==> flow/design.v <==
module cmp_unit #(
  parameter integer DW = 48
) (
  input  wire ck,
  input  wire i_rst_n,
  input  wire adv,
  input  wire [DW-1:0] first_in,
  input  wire [DW-1:0] second_in,
  output reg le_out
);
  always @(posedge ck or negedge i_rst_n) begin
    if (~i_rst_n) begin
      le_out <= 1'b0;
    end else if (adv) begin
      le_out <= (first_in <= second_in);
    end
  end
endmodule
# == From RTL to reports: cmp_unit ==
# The steps from the RTL of cmp_unit to its reports follow in flow order.
# Line numbers count from 1 in the design file above.
# Operators: Yosys type, input widths -> output width; for muxes data width and select width s.
# Library cell names are shortened.
# Not given: --
# design
design,cmp_unit
clk_port,ck
library,sky130hd
corner,tt_025C_1v80

# == Word level ==
# Counts by Yosys on the flattened word-level netlist (proc, flatten, opt, wreduce; memories kept). Register bits leave out memories and registers merged into their read ports (data or address); mux counts leave out enables and synchronous resets folded into registers. Print and check cells are left out. Cells with the same type and inputs are merged into one.
# bits
ff_bits,1
output_inout_bits,1
elab_cells,2
# op_classes
compare,1
# op_table
operator,count
$le 48x48->1,1

# == Depth ==
# Depth = most cells in a row (Yosys ltp): at word level without a register or memory, in the mapped netlist without a sequential cell, where the memories' decode and read muxes count.
# depth
depth_word,1
ABC_AREA,0
mapped_depth,8
mapped_depth_nobuf,8

# == Mapped cells and area ==
# The flow's flattened synthesis, as Yosys stat reports it; memories are mapped. The netlist is that of the ABC_AREA named above (0 if unset); the other value can give another one.
# The area totals of this step are shown rounded.
# mapped
cell_count,174
area_um2,1289
seqArea_um2,25.0
ff_cells,1
# by_type
cell_type,count
ha_1,48
inv_1,51
a21oi_1,20
nand2_1,12
nand4_1,6
o21ai_0,7
dfrtp_1,1
nand3_1,5
nor4b_4,1
nor4_4,1
a2111oi_2,1
o211ai_1,2
nand4_2,1
nor2b_1,2
nor3b_2,1
a2111o_1,1
and4_4,1
a221o_1,1
# Other cell types: 11; their cells: 12.

# == Timing after synthesis ==
# Source: OpenSTA report_checks on the synthesized netlist (no wires, ideal clock, input and output delay 20% of the period each), path of least setup slack; recovery checks are left aside. Register names are those of the netlist, which keeps one name where synthesis merged equal registers.
# synth_timing
path_type,input -> register
start,input port second_in[43]
end,register le_out
tclk_ps,2110
in_delay_ps,422
launch_ps,422
t_arrival_ps,1653
t_required_ps,1992
path_slack_ps,339
path_delay_ps,1349
path_stages,7
path_buffers,0
period_less_setup_slack_ps,1771
# "path_delay_ps" is the arrival time less input delay plus setup time.
# "path_stages": output pins that drive a net of the path, with the launching flip-flop's if there is one; two outputs of one cell count as two.
# "period_less_setup_slack_ps" = period - worst setup slack (recovery checks aside). The figure is calculated, with input and output delays left at 20% of the set period.
# Between the ends stands the longest chain of elaborated cells between them, by number of cells; it is not shown to be the way that was timed. Of several equally long chains one is given.
# Each line given opens the expression or statement behind the cell; cells for indexed reads and writes are added by Yosys, which also makes memories of some case tables.
# synth_between
path_cell_list,inv_1 > ha_1 > and4_4 > nor4b_4 > nor3b_2 > a41oi_1 > a21o_1
elab_chain_len,1
# synth_rtl
element,line,rtl
from (decl),8,"input  wire [DW-1:0] second_in,"
$le 48x48->1,15,le_out <= (first_in <= second_in);
to (assign),13,le_out <= 1'b0;
to (assign),15,
to (decl),9,output reg le_out

# == Timing after layout ==
# Path of least setup slack in the final report of stored run 1 (OpenROAD, finished layout, wires in). Where an end is a register, its clock arrival counts in the times.
# The report prints the path's times to 10 ps; the period is as set.
# layout_timing
path_type,input -> register
start,input port second_in[7]
end,register le_out
tclk_ps,2110
in_delay_ps,420
launch_ps,420
t_arrival_ps,2120
t_required_ps,1990
path_slack_ps,-130
path_stages,8
path_buffers,1
# Between the ends stands the longest chain of elaborated cells between them, by number of cells; it is not shown to be the way that was timed. Of several equally long chains one is given.
# layout_between
path_cell_list,dlygate4sd2_1 > inv_2 > ha_4 > nand4_1 > a2111o_1 > o211ai_1 > a41oi_2 > a21o_1
elab_chain_len,1
# layout_rtl
element,line,rtl
from (decl),8,"input  wire [DW-1:0] second_in,"
$le 48x48->1,15,le_out <= (first_in <= second_in);
to (assign),13,le_out <= 1'b0;
to (assign),15,
to (decl),9,output reg le_out

# Record of 3 stored runs of the RTL-to-layout flow on cmp_unit, platform sky130hd. The runs are unordered. Constraints: input delay and output delay 20% of the set period each, output load 0.01 pF.
# By "period_reached_ps" is meant the clock period of the run minus its worst setup slack. This is arithmetic on one report: input and output delays are still those of the set period (20% each).
# "worst_path_time_ps" = time allowed to the worst setup path (clock period - input delay - output delay, where it has them) - its slack; a late launch clock adds to it, a late capture clock takes from it.
# "totalPower_uw" is the tool's figure for a default switching activity; nothing was simulated.
# "worst_path_time_ps" is given in steps of 10 ps.
# The measured numbers are rounded.
# Settings: n/a = not set for that run.
# Among the results, n/a means that no value is shown for the run.
stored run,period_ns,CAP_MARGIN,CORE_MARGIN,CORE_UTILIZATION,SLEW_MARGIN,PLACE_DENSITY_LB_ADDON,CORE_ASPECT_RATIO,CTS_CLUSTER_SIZE,PLACE_DENSITY,CELL_PAD_IN_SITES_GLOBAL_PLACEMENT,CELL_PAD_IN_SITES_DETAIL_PLACEMENT,TNS_END_PERCENT,GPL_TIMING_DRIVEN,period_reached_ps,final_die_area_um2,synth_area_um2,final_setup_ws_ps,setup_tns_ps,stdcell_area_um2,totalPower_uw,worst_path_time_ps,worst_setup_path_type
stored run 1,2.11,20,2,40,20,n/a,n/a,n/a,n/a,n/a,n/a,n/a,n/a,2244,3692,1289,-134,-134,2975,695.3,1820,input -> register
stored run 2,1.46,35,2,28,20,0.11,0.51,24,n/a,n/a,n/a,n/a,n/a,1921,5193,1289,-461,-461,2861,791.4,1630,input -> register
stored run 3,1.68,20,2,36,20,n/a,0.76,n/a,0.88,0,2,70,1,n/a,n/a,n/a,n/a,n/a,n/a,n/a,n/a,n/a
# Stored run 3: incomplete, placement halted on DPL-0033
